==> flow/design.v <==
module u_sum_block_blk #(
  parameter int WD = 7,
  parameter int INPUTS = 20,
  parameter int SUM_W = WD + $clog2(INPUTS)
) (
  input  logic clk_i,
  input  logic i_rst,
  input  logic [INPUTS*WD-1:0] d_in,
  output logic [SUM_W-1:0] result_out
);
  logic [INPUTS*WD-1:0] r_d;
  always_ff @(posedge clk_i or posedge i_rst) begin
    if (i_rst) begin
      r_d <= 0;
    end else begin
      r_d <= d_in;
    end
  end
  logic [SUM_W-1:0] cur;
  always_comb begin
    cur = 0;
    for (int n = 0; n < INPUTS; n++)
      cur = cur + r_d[n*WD +: WD];
  end
  always_ff @(posedge clk_i or posedge i_rst) begin
    if (i_rst) begin
      result_out <= 0;
    end else begin
      result_out <= cur;
    end
  end
endmodule
# Reports on u_sum_block_blk
# Tool output for the design above, in the order of the flow.
# Lines are those of the file above, counted from 1.
# Operators carry their Yosys type and port widths (W data, S select, Z words).
# Library cell names are shortened.
# A cell with - has no value.
[design] top_module="u_sum_block_blk" clock_port="clk_i" cell_library="sky130hd" corner="tt_025C_1v80"

# Word-level counts
# Source: Yosys, flattened and elaborated, memories not mapped. Widths are those after wreduce; folded enables and synchronous resets count as part of the registers. Registers that Yosys merges into a memory's read port (data or address) are not register bits. Print and check cells do not count. Equal cells are merged and count once.
[op_classes] addsub=19
[ops] cell="$add A12 B7 Y12" n=14
[ops] cell="$add A11 B7 Y12" n=1
[ops] cell="$add A10 B7 Y11" n=1
[ops] cell="$add A9 B7 Y10" n=1
[ops] cell="$add A8 B7 Y9" n=1
[ops] cell="$add A7 B7 Y8" n=1
[word_totals] ff_bits=152 out_inout_bits=12 wordCells=21

# Logic depth
# Depth = most cells in a row (Yosys ltp): at word level without a register or memory, in the mapped netlist without a sequential cell, where the memories' decode and read muxes count.
[depth] word_depth=19 ABC_AREA=0 ltp_mapped=21 depth_no_buf=21

# After synthesis
# The flow's flattened synthesis, as Yosys stat reports it; memories are mapped. The netlist is that of the ABC_AREA named above (0 if unset); the other value can give another one.
# The area totals of this step are shown rounded.
[synth_totals] ff_cells=152 yosys_area_um2=7521 mapped_cells=521 n_buf=0 seqArea_um2=3804
[types] type="dfrtp_1" n=152 type_area_um2=3.8E+03
[types] type="fa_1" n=120 type_area_um2=2.4E+03
[types] type="inv_1" n=182 type_area_um2=683.155
[types] type="ha_1" n=29 type_area_um2=362.848
[types] type="xnor2_1" n=5 type_area_um2=43.792
[types] type="a21oi_1" n=6 type_area_um2=30.029
[types] type="xor2_1" n=3 type_area_um2=26.275
[types] type="a21o_1" n=3 type_area_um2=22.522
[types] type="nor2b_1" n=3 type_area_um2=18.768
[types] type="a221oi_2" n=1 type_area_um2=15.014
[types] type="a311oi_2" n=1 type_area_um2=15.014
[types] type="a31oi_2" n=1 type_area_um2=12.512
[types] type="and3_1" n=2 type_area_um2=12.512
[types] type="nor2_1" n=3 type_area_um2=11.261
[types] type="nor3_1" n=2 type_area_um2=10.01
[types] type="nand2b_2" n=1 type_area_um2=8.758
[types] type="o2bb2ai_1" n=1 type_area_um2=8.758
[types] type="a211oi_1" n=1 type_area_um2=7.507
# Not listed: further types 5, cells in them 5.

# Path before layout
# Source: OpenSTA report_checks on the synthesized netlist (no wires, ideal clock, input and output delay 20% of the period each), path of least setup slack; recovery checks are left aside. Register names are those of the netlist, which keeps one name where synthesis merged equal registers.
[synth_timing] path_kind="flip-flop to flip-flop" startpoint="reg r_d[107]" endpoint="reg result_out[11]" setup_slack_ns=1.332 driving_pins=20 path_delay_ns=5.308 period_ns=6.64 t_arrival_ns=5.190 t_first_pin_ns=0.000 synth_period_reached_ns=5.308
# "path_delay_ns" = arrival - input delay + setup time.
# "driving_pins" counts driving pins, that of a launching flip-flop among them; a cell with two outputs on the path counts twice.
# "synth_period_reached_ns" is the clock period less the worst setup slack; recovery checks do not enter. This is arithmetic on one report: input and output delays are still those of the set period (20% each).
# Between the ends stands the longest chain of elaborated cells between them, by number of cells; it is not shown to be the way that was timed. Of several equally long chains one is given.
# Each line given opens the expression or statement behind the cell; cells for indexed reads and writes are added by Yosys, which also makes memories of some case tables.
[synth_via] path_cell_list="dfrtp_1 -> inv_1 -> fa_1 -> inv_1 -> fa_1 -> inv_1 -> fa_1 -> inv_1 -> fa_1 -> inv_1 -> fa_1 -> fa_1 -> fa_1 -> inv_1 -> fa_1 -> a21oi_1 -> nor2b_1 -> a311oi_2 -> o21ai_1 -> a21o_1" elab_chain_cells=5 cone_cells=5 cone_lines=1 classes_between="add/sub (5)"
[synth_rtl] item="from (decl)" line=11 text="logic [INPUTS*WD-1:0] r_d;"
[synth_rtl] item="from (assign)" line=14 text="r_d <= 0;"
[synth_rtl] item="from (assign)" line=16 text="r_d <= d_in;"
[synth_rtl] item="$add A12 B7 Y12 x5" line=23 text="cur = cur + r_d[n*WD +: WD];"
[synth_rtl] item="to (assign)" line=27 text="result_out <= 0;"
[synth_rtl] item="to (assign)" line=29 text="result_out <= cur;"
[synth_rtl] item="to (decl)" line=9 text="output logic [SUM_W-1:0] result_out"

# Path in the finished layout
# From the final timing report of record 1: the path of least setup slack in the routed layout; clock arrival at registers is part of the times.
[layout_timing] path_kind="flip-flop to flip-flop" startpoint="reg r_d[88]" endpoint="reg result_out[10]" t_arrival_ns=5.89 t_first_pin_ns=0.41 setup_slack_ns=1.07 period_ns=6.64 driving_pins=20
# Between the ends stands the longest chain of elaborated cells between them, by number of cells; it is not shown to be the way that was timed. Of several equally long chains one is given.
[layout_via] path_cell_list="dfrtp_1 -> inv_1 -> fa_1 -> inv_1 -> fa_1 -> inv_1 -> fa_1 -> inv_1 -> fa_1 -> fa_1 -> fa_1 -> inv_1 -> fa_1 -> inv_1 -> ha_1 -> and3_1 -> a221oi_2 -> nand2b_2 -> a31oi_2 -> xnor2_1" elab_chain_cells=8 cone_cells=8 cone_lines=1 classes_between="add/sub (8)"
[layout_rtl] item="from (decl)" line=11 text="logic [INPUTS*WD-1:0] r_d;"
[layout_rtl] item="from (assign)" line=14 text="r_d <= 0;"
[layout_rtl] item="from (assign)" line=16 text="r_d <= d_in;"
[layout_rtl] item="$add A12 B7 Y12 x8" line=23 text="cur = cur + r_d[n*WD +: WD];"
[layout_rtl] item="to (assign)" line=27 text="result_out <= 0;"
[layout_rtl] item="to (assign)" line=29 text="result_out <= cur;"
[layout_rtl] item="to (decl)" line=9 text="output logic [SUM_W-1:0] result_out"

Ticket comment

Record of 3 stored runs of the RTL-to-layout flow on u_sum_block_blk, platform sky130hd. The runs are unordered. Constraints: input delay and output delay 20% of the set period each, output load 0.01 pF.
"clock_period_reached_ns" is the run's clock period less its worst setup slack. It is reckoned from that one timing run; input and output delays stay at 20% of the period that was set.
"critical_path_time_ns" means the part of the period allowed to the worst setup path (the constraints hold back 20% at inputs and 20% at outputs) less its slack; where the path has registers, the arrival times of their clocks count too.
Values from the reports are rounded here.

[flow] record 1: files
==> flow/run.sh <==
#!/bin/bash
# the make line also repeats the synthesis and layout settings of config.mk as NAME=value (left out here)
make -C /OpenROAD-flow-scripts/flow DESIGN_CONFIG=/design/flow/config.mk WORK_HOME=/design/flow/orfs CLKGATE_MAP_FILE= finish
==> flow/config.mk <==
export PLATFORM = sky130hd
export DESIGN_NAME = u_sum_block_blk
export DESIGN_NICKNAME = u_sum_block_blk
export VERILOG_FILES = /design/flow/design.v
export SDC_FILE = /design/flow/constraint.sdc
export NUM_CORES = 4
export LEC_CHECK = 0
export CAP_MARGIN = 20
export CORE_MARGIN = 2
export CORE_UTILIZATION = 40
export SLEW_MARGIN = 20
==> flow/constraint.sdc <==
create_clock -name core_clock -period 6.64 [get_ports {clk_i}]
set_input_delay 1.3280 -clock core_clock [delete_from_list [all_inputs] [get_ports {clk_i}]]
set_output_delay 1.3280 -clock core_clock [all_outputs]
set_load 0.01 [all_outputs]

[flow] record 1: metrics
[metrics] die_area_um2 = 19910
[metrics] synth_chip_area_um2 = 7521
[metrics] clock_period_reached_ns = 5.566
[metrics] finalCellArea_um2 = 9965
[metrics] total_negative_slack_ns = 0.000
[metrics] finalUtil_frac = 0.536
[metrics] critical_path_time_ns = 5.57
[metrics] critical_path_type = flip-flop to flip-flop
[metrics] worst_hold_slack_ns = 0.493
[metrics] final_setup_ws_ns = 1.074

[flow] record 2: files
==> flow/run.sh <==
#!/bin/bash
# the make line also repeats the synthesis and layout settings of config.mk as NAME=value (left out here)
make -C /OpenROAD-flow-scripts/flow DESIGN_CONFIG=/design/flow/config.mk WORK_HOME=/design/flow/orfs CLKGATE_MAP_FILE= finish
==> flow/config.mk <==
export PLATFORM = sky130hd
export DESIGN_NAME = u_sum_block_blk
export DESIGN_NICKNAME = u_sum_block_blk
export VERILOG_FILES = /design/flow/design.v
export SDC_FILE = /design/flow/constraint.sdc
export NUM_CORES = 4
export LEC_CHECK = 0
export ABC_AREA = 0
export CAP_MARGIN = 0
export CELL_PAD_IN_SITES_DETAIL_PLACEMENT = 2
export CORE_ASPECT_RATIO = 1.66
export CORE_MARGIN = 2
export CORE_UTILIZATION = 71
export GPL_TIMING_DRIVEN = 0
export MAX_ROUTING_LAYER = met5
export MIN_ROUTING_LAYER = met2
export PLACE_DENSITY_LB_ADDON = 0.1
export SETUP_SLACK_MARGIN = -0.36
export SLEW_MARGIN = 5
==> flow/constraint.sdc <==
create_clock -name core_clock -period 3.88 [get_ports {clk_i}]
set_input_delay 0.7760 -clock core_clock [delete_from_list [all_inputs] [get_ports {clk_i}]]
set_output_delay 0.7760 -clock core_clock [all_outputs]
set_load 0.01 [all_outputs]

[flow] record 2: did not finish, placement stopped with a tool error

[flow] record 3: files
==> flow/run.sh <==
#!/bin/bash
# the make line also repeats the synthesis and layout settings of config.mk as NAME=value (left out here)
make -C /OpenROAD-flow-scripts/flow DESIGN_CONFIG=/design/flow/config.mk WORK_HOME=/design/flow/orfs CLKGATE_MAP_FILE= finish
==> flow/config.mk <==
export PLATFORM = sky130hd
export DESIGN_NAME = u_sum_block_blk
export DESIGN_NICKNAME = u_sum_block_blk
export VERILOG_FILES = /design/flow/design.v
export SDC_FILE = /design/flow/constraint.sdc
export NUM_CORES = 4
export LEC_CHECK = 0
export CAP_MARGIN = 20
export CELL_PAD_IN_SITES_GLOBAL_PLACEMENT = 1
export CORE_MARGIN = 2
export CORE_UTILIZATION = 56
export CTS_CLUSTER_DIAMETER = 289
export CTS_CLUSTER_SIZE = 50
export PLACE_DENSITY_LB_ADDON = 0.3
export SETUP_SLACK_MARGIN = 0.56
export SLEW_MARGIN = 20
export TNS_END_PERCENT = 80
==> flow/constraint.sdc <==
create_clock -name core_clock -period 4.2 [get_ports {clk_i}]
set_input_delay 0.8400 -clock core_clock [delete_from_list [all_inputs] [get_ports {clk_i}]]
set_output_delay 0.8400 -clock core_clock [all_outputs]
set_load 0.01 [all_outputs]

[flow] record 3: metrics
[metrics] die_area_um2 = 14370
[metrics] synth_chip_area_um2 = 7521
[metrics] clock_period_reached_ns = 5.372
[metrics] finalCellArea_um2 = 10110
[metrics] total_negative_slack_ns = -9.916
[metrics] finalUtil_frac = 0.767
[metrics] critical_path_time_ns = 5.37
[metrics] critical_path_type = flip-flop to flip-flop
[metrics] worst_hold_slack_ns = 0.485
[metrics] final_setup_ws_ns = -1.172
